==> flow/design.v <==
module ram_block_stage #(
  parameter int DEPTH = 24,
  parameter int WD = 4,
  parameter int AW = $clog2(DEPTH)
) (
  input logic clk_i,
  input logic i_rst,
  input logic adv,
  input logic we_in,
  input logic [AW-1:0] wr_addr_in,
  input logic [WD-1:0] d_in,
  input logic [AW-1:0] rsel0_in,
  input logic [AW-1:0] rsel1_in,
  output logic [WD-1:0] rd0_out,
  output logic [WD-1:0] rd1_out
);
  logic [WD-1:0] store [0:DEPTH-1];
  always_ff @(posedge clk_i) begin
    if (adv && we_in)
      store[wr_addr_in] <= d_in;
  end
  logic [WD-1:0] rd0_ff;
  assign rd0_out = rd0_ff;
  logic [WD-1:0] rd1_ff;
  assign rd1_out = rd1_ff;
  always_ff @(posedge clk_i) begin
    if (i_rst) begin
      rd0_ff <= 0;
      rd1_ff <= 0;
    end else if (adv) begin
      rd0_ff <= store[rsel0_in];
      rd1_ff <= store[rsel1_in];
    end
  end
endmodule
# ---- Reports on ram_block_stage
# Module ram_block_stage in several versions that differ in "WD"; each step lists the members.
# The RTL above is that of WD 4; lines are counted from 1 in the file of the member named.
# Operators carry their Yosys type and port widths (W data, S select, Z words).
# Cell names lack the library's common part.
# A cell with - has no value.
dict set report design {
  top_module {ram_block_stage}
  clk_port {clk_i}
  library {sky130hd}
  corner {tt_025C_1v80}
}

# ---- Source of the members
# New or changed lines of each further member against the RTL above, in its own file; lines it lacks are not shown.
# WD line
set changed_lines {}
lappend changed_lines {6 3} ;# parameter int WD = 6,
lappend changed_lines {16 3} ;# parameter int WD = 16,
lappend changed_lines {24 3} ;# parameter int WD = 24,
lappend changed_lines {64 3} ;# parameter int WD = 64,

# ---- Word level
# Source: Yosys, flattened and elaborated, memories not mapped. Widths are those after wreduce; folded enables and synchronous resets count as part of the registers. Registers that Yosys merges into a memory's read port (data or address) are not register bits. Print and check cells do not count. Equal cells are merged and count once.
# Memory sizes are those after Yosys's memory passes, which may raise the word count (mostly to a power of two), join words into wider ones and drop unused or constant bits.
# WD n_mux n_reduce_logical
set op_classes {}
lappend op_classes {4 3 1}
lappend op_classes {6 3 1}
lappend op_classes {16 3 1}
lappend op_classes {24 3 1}
lappend op_classes {64 3 1}
# WD op_list
set ops {}
lappend ops {4 {$mux W5 (1); $mux W4 (1); $logic_and A1 B1 Y1 (1); $mux W1 (1)}}
lappend ops {6 {$mux W6 (1); $mux W5 (1); $logic_and A1 B1 Y1 (1); $mux W1 (1)}}
lappend ops {16 {$mux W16 (1); $mux W5 (1); $logic_and A1 B1 Y1 (1); $mux W1 (1)}}
lappend ops {24 {$mux W24 (1); $mux W5 (1); $logic_and A1 B1 Y1 (1); $mux W1 (1)}}
lappend ops {64 {$mux W64 (1); $mux W5 (1); $logic_and A1 B1 Y1 (1); $mux W1 (1)}}
# WD register_bits word_cells mem_count clocked_rd_ports_x_width inputBits ram_bits
set bits {}
lappend bits {4 0 5 1 8 23 96}
lappend bits {6 0 5 1 12 25 144}
lappend bits {16 0 5 1 32 35 384}
lappend bits {24 0 5 1 48 43 576}
lappend bits {64 0 5 1 128 83 1536}
# WD memory_list
set memory_table {}
lappend memory_table {4 {store 24x4 r2 w1}}
lappend memory_table {6 {store 24x6 r2 w1}}
lappend memory_table {16 {store 24x16 r2 w1}}
lappend memory_table {24 {store 24x24 r2 w1}}
lappend memory_table {64 {store 24x64 r2 w1}}

# ---- Longest topological paths
# Longest topological path by Yosys (ltp), each cell counted once; first at word level (registers and memories cut), then after technology mapping (sequential cells cut; the memories' decode and read muxes count).
# WD depth_word abc_area mapped_depth depth_no_buf
set logic_depth {}
lappend logic_depth {4 2 0 6 4}
lappend logic_depth {6 2 0 7 4}
lappend logic_depth {16 2 0 8 5}
lappend logic_depth {24 2 0 9 5}
lappend logic_depth {64 2 0 8 5}

# ---- Netlist
# The flow's flattened synthesis, as Yosys stat reports it; memories are mapped. The netlist is that of the ABC_AREA named above (0 if unset); the other value can give another one.
# WD ff_cells synth_area_um2 n_buf seqArea_um2 stdcells
set synth_totals {}
lappend synth_totals {4 104 5018.6 20 3042.9 332}
lappend synth_totals {6 156 7418.4 37 4564.4 503}
lappend synth_totals {16 416 19419.9 101 12171.7 1336}
lappend synth_totals {24 624 28941.5 159 18257.5 1955}
lappend synth_totals {64 1664 75880.3 406 48686.7 4892}
# WD type_list
set by_type {}
lappend by_type {4 {edfxtp_1 (96); mux2i_1 (48); mux4_2 (15); mux4_1 (9); dfxtp_1 (8); nor2_1 (37); a22oi_1 (12); nand2_1 (20); a311oi_1 (8); a21oi_1 (12); a31oi_1 (8); mux2_2 (4); clkbuf_8 (3); nand3_1 (8); a22o_1 (4); nand4_1 (5); nor2b_1 (5); buf_4 (4); [+26]}}
lappend by_type {6 {edfxtp_1 (144); mux2i_1 (108); a22oi_1 (42); mux4_1 (11); dfxtp_1 (12); mux4_2 (7); nor2_1 (41); a311oi_1 (11); buf_6 (7); nand2_1 (21); a31oi_1 (12); mux2_2 (6); a21oi_1 (12); nand3_1 (12); buf_4 (7); clkbuf_1 (13); o211ai_1 (6); nor2b_1 (6); [+25]}}
lappend by_type {16 {edfxtp_1 (384); mux2i_1 (192); mux2_2 (112); mux4_2 (32); dfxtp_1 (32); o22ai_1 (64); a211oi_1 (48); a22oi_1 (47); nand2_1 (87); a31oi_1 (48); nor2_1 (80); buf_2 (32); buf_4 (20); a22o_1 (16); o2111ai_1 (16); clkbuf_1 (37); nor2b_1 (21); nand4_1 (17); [+51]}}
lappend by_type {24 {edfxtp_1 (576); mux2i_1 (336); mux2_2 (120); mux4_2 (48); dfxtp_1 (48); a22oi_1 (95); a211oi_1 (72); nand2_1 (126); a31oi_1 (72); a22o_1 (48); nor2_1 (104); o22ai_1 (48); buf_2 (56); clkbuf_1 (59); o2111ai_1 (24); nor2b_1 (32); buf_4 (26); nand4_1 (25); [+40]}}
lappend by_type {64 {edfxtp_1 (1536); mux2i_1 (832); mux2_2 (290); mux4_2 (128); dfxtp_1 (128); a211oi_1 (256); a22oi_1 (255); a2111oi_0 (128); a221oi_1 (127); nor2b_1 (136); o22ai_1 (128); nand2_1 (198); clkbuf_1 (180); nor2_1 (159); buf_2 (114); o2111ai_1 (64); buf_6 (40); buf_4 (57); [+136]}}
# A list marked [+n] leaves out that many cells.

# ---- Timing after synthesis
# Path of least setup slack by OpenSTA after synthesis, without wires, with an ideal clock, recovery checks aside; 20% of the period is set as input and as output delay. Where synthesis merged equal registers, the netlist keeps one of their names.
# WD path_kind startpoint endpoint tclk_ns path_delay_ns slack_ns driving_pins synth_period_reached_ns
set synth_path {}
lappend synth_path {4 {input -> register} {input rsel0_in[1]} {register rd0_ff[1]} 1.97 1.261 0.315 5 1.655}
lappend synth_path {6 {input -> register} {input adv} {memory store[0][0]} 2.15 1.376 0.345 5 1.805}
lappend synth_path {16 {input -> register} {input adv} {memory store[12][0]} 2.8 1.793 0.447 5 2.353}
lappend synth_path {24 {input -> register} {input adv} {memory store[23][0]} 3.37 2.158 0.538 4 2.832}
lappend synth_path {64 {input -> register} {input adv} {memory store[23][0]} 6.07 3.888 0.967 4 5.103}
# "path_delay_ns" = arrival - input delay + setup time.
# "driving_pins" counts driving pins, that of a launching flip-flop among them; a cell with two outputs on the path counts twice.
# "synth_period_reached_ns" is the clock period less the worst setup slack; recovery checks do not enter. This is arithmetic on one report: input and output delays are still those of the set period (20% each).
# The rows between start and end are the longest chain of elaborated cells between them; the timing report does not say that the signal goes this way. Where chains are equally long, one stands for them.
# A line is the first line of the expression or statement that the cell stems from. Yosys adds cells for indexed reads and writes and turns some case tables into memories.
# item line
set synth_rtl_WD_4 {}
lappend synth_rtl_WD_4 {{from (decl)} 12} ;# input logic [AW-1:0] rsel0_in,
lappend synth_rtl_WD_4 {{to (decl)} 22} ;# logic [WD-1:0] rd0_ff;
# WD 4: Chain of elaborated cells between the ends: none given.
# WD 64: The path ends at the enable pin of a flip-flop; only ways to that pin are counted.
dict set report synth_between_WD_64 {
  elab_chain_cells 2
}
# item line
set synth_rtl_WD_64 {}
lappend synth_rtl_WD_64 {{from (decl)} 8} ;# input logic adv,
lappend synth_rtl_WD_64 {{$logic_and A1 B1 Y1} 19} ;# if (adv && we_in)
lappend synth_rtl_WD_64 {{$mux W5} 19}
lappend synth_rtl_WD_64 {{to (decl)} 17} ;# logic [WD-1:0] store [0:DEPTH-1];

# ---- Timing after layout
# From the final timing report of the run of each member: the path of least setup slack in the routed layout; clock arrival at registers is part of the times.
# WD path_kind startpoint endpoint driving_pins n_path_buf t_arrival_ns tclk_ns slack_ns
set layout_path {}
lappend layout_path {4 {input -> register} {input rsel0_in[1]} {register rd0_ff[1]} 6 2 2.05 1.97 0.15}
lappend layout_path {6 {input -> register} {input rsel1_in[0]} {register rd1_ff[3]} 7 3 2.27 2.15 0.19}
lappend layout_path {16 {register -> output} {register rd0_ff[12]} {output rd0_out[12]} 2 1 1.64 2.8 0.60}
lappend layout_path {24 {input -> register} {input rsel1_in[3]} {register rd1_ff[23]} 7 2 2.96 3.37 0.85}
lappend layout_path {64 {input -> register} {input adv} {register rd0_ff[61]} 6 2 4.41 6.07 2.30}

# ---- Measured runs
# Settings and results of one run of the flow (Yosys, OpenROAD) for each member follow. The constraints put input and output delay at 20% of the set period each and load the outputs with 0.01 pF.
dict set report flow_settings {
  CAP_MARGIN 20
  CORE_MARGIN 2
  CORE_UTILIZATION 40
  SLEW_MARGIN 20
}
# WD period_ns
set settings_diff {}
lappend settings_diff {4 1.97}
lappend settings_diff {6 2.15}
lappend settings_diff {16 2.8}
lappend settings_diff {24 3.37}
lappend settings_diff {64 6.07}
# WD die_footprint_um2 power_uw period_reached_ns post_route_util_frac fin_tns_ns timing.setup.ws_ns final_stdcell_area_um2 synthesis_area_um2 worst_hold_slack_ns
set measured {}
lappend measured {4 13458.3 4568 1.824 0.507 0.000 0.146 6140.9 5018.6 0.500}
lappend measured {6 19651.8 7116 1.960 0.5 0.000 0.190 9049.9 7418.4 0.484}
lappend measured {16 50328.4 14005 2.205 0.479 0.000 0.595 22924.5 19419.9 0.459}
lappend measured {24 74520.8 17620 2.521 0.472 0.000 0.849 33776.1 28941.5 0.474}
lappend measured {64 193200.0 25795 3.774 0.461 0.000 2.296 86817.0 75880.3 0.479}
# "period_reached_ns": clock period set for the run, less the worst setup slack. It is reckoned from that one timing run; input and output delays stay at 20% of the period that was set.
# "power_uw" rests on the timing tool's default activity at the inputs, not on a simulated workload.
